==> flow/design.v <==
module ex_mem_v2 #(
  parameter int NUM_REGS = 12,
  parameter int DATA_W = 12,
  parameter int N_READ = 8,
  parameter int ADDR_W = $clog2(NUM_REGS)
) (
  input  logic CLK,
  input  logic load,
  input  logic [ADDR_W-1:0] wsel,
  input  logic [DATA_W-1:0] wdata,
  input  logic [N_READ*ADDR_W-1:0] rsel,
  output logic [N_READ*DATA_W-1:0] read_data
);
  logic r_load;
  always_ff @(posedge CLK) begin
    r_load <= load;
  end
  logic [ADDR_W-1:0] r_wsel;
  always_ff @(posedge CLK) begin
    r_wsel <= wsel;
  end
  logic [DATA_W-1:0] r_wdata;
  always_ff @(posedge CLK) begin
    r_wdata <= wdata;
  end
  logic [NUM_REGS*DATA_W-1:0] rf;
  generate
    for (genvar ii = 0; ii < NUM_REGS; ii++) begin : row
      always_ff @(posedge CLK)
        if (r_load && r_wsel == ii) rf[ii*DATA_W +: DATA_W] <= r_wdata;
    end
  endgenerate
  logic [N_READ*ADDR_W-1:0] r_rsel;
  always_ff @(posedge CLK) begin
    r_rsel <= rsel;
  end
  logic [N_READ*DATA_W-1:0] work;
  always_comb begin
    work = '0;
    for (int gj = 0; gj < N_READ; gj++) begin
      for (int idx = 0; idx < NUM_REGS; idx++)
        work[gj*DATA_W +: DATA_W] = work[gj*DATA_W +: DATA_W] | (rf[idx*DATA_W +: DATA_W] & {DATA_W{r_rsel[gj*ADDR_W +: ADDR_W] == idx}});
    end
  end
  always_ff @(posedge CLK) begin
    read_data <= work;
  end
endmodule
From RTL to reports: ex_mem_v2
The steps from the RTL of ex_mem_v2 to its reports follow in flow order.
Lines are those of the file above, counted from 1.
Operators carry their Yosys type and port widths (W data, S select, Z words).
Library cell names are shortened.
A cell with - has no value.
- design top: ex_mem_v2
- clock input: CLK
- cell library: sky130hd
- library corner: tt_025C_1v80

Elaborated design
Yosys after proc, flatten, opt, wreduce and memory -nomap, before mapping. Enables and synchronous resets that opt folds into registers are not counted as muxes. Memory bits, and registers merged into a memory's read port (data or address), are not among the register bits. Print and check cells are not counted. Equal cells are merged and count once.
- reductions and logical operators at 21
- noted bitwise operators: 184
- eq/ne operators: 99
- operators with widths (operator ; count):
    $and A12 B12 Y12 ; 96
    $or A12 B12 Y12 ; 88
    $eq A4 B3 Y1 const B ; 36
    $eq A4 B4 Y1 const B ; 36
    $eq A4 B2 Y1 const B ; 18
    $eq A4 B1 Y1 const B ; 9
    $logic_not A4 Y1 ; 9
    $logic_and A1 B1 Y1 ; 12
- input bits: 50
- noted flip-flop bits (word level): 289
- elaborated cells: 321
- noted output and inout bits: 96

Longest topological paths
Longest topological path by Yosys (ltp), each cell counted once; first at word level (registers and memories cut), then after technology mapping (sequential cells cut; the memories' decode and read muxes count).
- depth after elaboration: 13
- ABC_AREA: 0
- mapped depth at 7
- noted depth with buffers taken out: 4

After synthesis
Source: synth_stat.txt of the flow (Yosys; design flattened, memories mapped). It holds for the ABC_AREA given above (unset counts as 0); a run with the other value may have another netlist.
- noted mapped cells: 1858
- buffers at 225
- noted cell area after synthesis: 18466.5 µm²
- mapped flip-flops: 289
- cells by type (cell type ; count ; total area (µm²)):
    edfxtp_1 ; 144 ; 4.32E+03
    dfxtp_1 ; 145 ; 2.9E+03
    a22oi_1 ; 122 ; 915.878
    mux2_2 ; 76 ; 855.821
    mux2i_1 ; 82 ; 820.787
    a22o_1 ; 74 ; 648.122
    a32oi_1 ; 71 ; 621.846
    buf_2 ; 107 ; 535.514
    mux4_2 ; 20 ; 450.432
    nor2b_1 ; 71 ; 444.176
    nor2_1 ; 87 ; 326.563
    clkbuf_1 ; 81 ; 304.042
    a221oi_1 ; 33 ; 289.027
    nand3_1 ; 55 ; 275.264
    o21ai_0 ; 49 ; 245.235
    nand2_1 ; 62 ; 232.723
    a21oi_1 ; 44 ; 220.211
    nor3b_1 ; 27 ; 202.694
Not listed: further types 64, cells in them 508.

Timing after synthesis
Path of least setup slack by OpenSTA after synthesis, without wires, with an ideal clock, recovery checks aside; 20% of the period is set as input and as output delay. Where synthesis merged equal registers, the netlist keeps one of their names.
- path type: reg-to-reg
- start point: register r_load
- end point: register rf[0]
- setup time at 0.396 ns
- noted arrival: 1.682 ns
- stages: 3
- noted data required time: 2.204 ns
- noted path delay: 2.078 ns
- noted path buffers: 0
- clock period: 2.6 ns
- setup slack: 0.522 ns
- period reached after synthesis at 2.078 ns
"path delay" = arrival - input delay + setup time.
"stages" counts driving pins, that of a launching flip-flop among them; a cell with two outputs on the path counts twice.
"period reached after synthesis" = period - worst setup slack (recovery checks aside). The figure is calculated, with input and output delays left at 20% of the set period.
The rows between start and end are the longest chain of elaborated cells between them; the timing report does not say that the signal goes this way. Where chains are equally long, one stands for them.
A line is the first line of the expression or statement that the cell stems from. Yosys adds cells for indexed reads and writes and turns some case tables into memories.
- cell sequence: dfxtp_1 -> or3b_2 -> nor3_1
- cells in the longest elaborated chain: 1
- elaborated cells on any way between the ends at 1
- noted RTL lines with such cells: 1
- those cells by class: 1 x reduce/logical
- RTL lines, path post-synthesis (what ; RTL line ; RTL):
    start: declaration ; 14 ; logic r_load;
    start: assignment ; 16 ; r_load <= load;
    $logic_and A1 B1 Y1 ; 30 ; if (r_load && r_wsel == ii) rf[ii*DATA_W +: DATA_W] <= r_wdata;
    end: assignment ; 30 ;
    end: declaration ; 26 ; logic [NUM_REGS*DATA_W-1:0] rf;

Path in the finished layout
From the final timing report of run 2: the path of least setup slack in the routed layout; clock arrival at registers is part of the times.
- path type: reg-to-reg
- start point: register r_rsel[28]
- end point: register read_data[92]
- setup time at 0.14 ns
- noted path buffers: 1
- stages: 6
- setup slack: 1.00 ns
- clock period: 3.54 ns
- noted arrival: 2.97 ns
- noted data required time: 3.98 ns
The rows between start and end are the longest chain of elaborated cells between them; the timing report does not say that the signal goes this way. Where chains are equally long, one stands for them.
- cell sequence: dfxtp_1 -> buf_4 -> nor2_1 -> nand3_1 -> a31oi_1 -> or4_1
- cells in the longest elaborated chain: 13
- elaborated cells on any way between the ends at 35
- noted RTL lines with such cells: 1
- those cells by class: 11 x eq/ne; 23 x logic; 1 x reduce/logical
- RTL lines, path after layout (what ; RTL line ; RTL):
    start: declaration ; 33 ; logic [N_READ*ADDR_W-1:0] r_rsel;
    start: assignment ; 35 ; r_rsel <= rsel;
    $logic_not A4 Y1 ; 42 ; work[gj*DATA_W +: DATA_W] = work[gj*DATA_W +: DATA_W] | (rf[idx*DATA_W +: DATA_W] & {DATA_W{r_rsel[gj*ADDR_W + ...
    $and A12 B12 Y12 ; 42 ;
    $or A12 B12 Y12 (11 in a row) ; 42 ;
    end: assignment ; 46 ; read_data <= work;
    end: declaration ; 12 ; output logic [N_READ*DATA_W-1:0] read_data

--- measured runs ---
Record of 3 stored runs of the RTL-to-layout flow on ex_mem_v2, platform sky130hd. The runs are unordered. Constraints: input delay and output delay 20% of the set period each, output load 0.01 pF.
"reached clock period" means the clock period less the worst setup slack. The figure is calculated, with input and output delays left at 20% of the set period.
By "power" is meant OpenSTA's value without simulated activity: inputs other than the clock are taken to toggle once in ten clock periods, and the tool carries that through the logic.

Run 1

==> flow/run.sh <==
#!/bin/bash
# the make line also repeats the synthesis and layout settings of config.mk as NAME=value (left out here)
make -C /OpenROAD-flow-scripts/flow DESIGN_CONFIG=/design/flow/config.mk WORK_HOME=/design/flow/orfs CLKGATE_MAP_FILE= finish
==> flow/config.mk <==
export PLATFORM = sky130hd
export DESIGN_NAME = ex_mem_v2
export DESIGN_NICKNAME = ex_mem_v2
export VERILOG_FILES = /design/flow/design.v
export SDC_FILE = /design/flow/constraint.sdc
export NUM_CORES = 4
export LEC_CHECK = 0
export CAP_MARGIN = 20
export CELL_PAD_IN_SITES_GLOBAL_PLACEMENT = 0
export CORE_MARGIN = 2
export CORE_UTILIZATION = 47
export CTS_CLUSTER_SIZE = 13
export MIN_ROUTING_LAYER = met2
export SETUP_SLACK_MARGIN = 0.25
export SLEW_MARGIN = 20
==> flow/constraint.sdc <==
create_clock -name core_clock -period 3.07 [get_ports {CLK}]
set_input_delay 0.6140 -clock core_clock [delete_from_list [all_inputs] [get_ports {CLK}]]
set_output_delay 0.6140 -clock core_clock [all_outputs]
set_load 0.01 [all_outputs]

Run 1: incomplete, routing halted on GRT-0116.

Run 2

==> flow/run.sh <==
#!/bin/bash
# the make line also repeats the synthesis and layout settings of config.mk as NAME=value (left out here)
make -C /OpenROAD-flow-scripts/flow DESIGN_CONFIG=/design/flow/config.mk WORK_HOME=/design/flow/orfs CLKGATE_MAP_FILE= finish
==> flow/config.mk <==
export PLATFORM = sky130hd
export DESIGN_NAME = ex_mem_v2
export DESIGN_NICKNAME = ex_mem_v2
export VERILOG_FILES = /design/flow/design.v
export SDC_FILE = /design/flow/constraint.sdc
export NUM_CORES = 4
export LEC_CHECK = 0
export ABC_AREA = 0
export CAP_MARGIN = 20
export CELL_PAD_IN_SITES_DETAIL_PLACEMENT = 1
export CORE_MARGIN = 2
export CORE_UTILIZATION = 22
export PLACE_DENSITY = 0.8
export SETUP_SLACK_MARGIN = -0.27
export SLEW_MARGIN = 20
export TNS_END_PERCENT = 20
==> flow/constraint.sdc <==
create_clock -name core_clock -period 3.54 [get_ports {CLK}]
set_input_delay 0.7080 -clock core_clock [delete_from_list [all_inputs] [get_ports {CLK}]]
set_output_delay 0.7080 -clock core_clock [all_outputs]
set_load 0.01 [all_outputs]

Measured in run 2:
- final setup TNS: 0.000 ns
- smallest hold slack at 0.564 ns
- noted the Yosys chip area after synthesis: 18466.5 µm²
- power: 0.009688 W
- noted the setup slack of the worst path: 1.003 ns
- reached clock period at 2.537 ns
- area of the standard cells in the finished layout at 22002.4 µm²
- overall die area at 86271.4 µm²

Run 3

==> flow/run.sh <==
#!/bin/bash
# the make line also repeats the synthesis and layout settings of config.mk as NAME=value (left out here)
make -C /OpenROAD-flow-scripts/flow DESIGN_CONFIG=/design/flow/config.mk WORK_HOME=/design/flow/orfs CLKGATE_MAP_FILE= finish
==> flow/config.mk <==
export PLATFORM = sky130hd
export DESIGN_NAME = ex_mem_v2
export DESIGN_NICKNAME = ex_mem_v2
export VERILOG_FILES = /design/flow/design.v
export SDC_FILE = /design/flow/constraint.sdc
export NUM_CORES = 4
export LEC_CHECK = 0
export CAP_MARGIN = 20
export CORE_MARGIN = 2
export CORE_UTILIZATION = 40
export SLEW_MARGIN = 20
==> flow/constraint.sdc <==
create_clock -name core_clock -period 2.6 [get_ports {CLK}]
set_input_delay 0.5200 -clock core_clock [delete_from_list [all_inputs] [get_ports {CLK}]]
set_output_delay 0.5200 -clock core_clock [all_outputs]
set_load 0.01 [all_outputs]

Measured in run 3:
- final setup TNS: 0.000 ns
- smallest hold slack at 0.359 ns
- noted the Yosys chip area after synthesis: 18466.5 µm²
- power: 0.012962 W
- noted the setup slack of the worst path: 0.353 ns
- reached clock period at 2.247 ns
- area of the standard cells in the finished layout at 22177.5 µm²
- overall die area at 47901.9 µm²
--- end ---
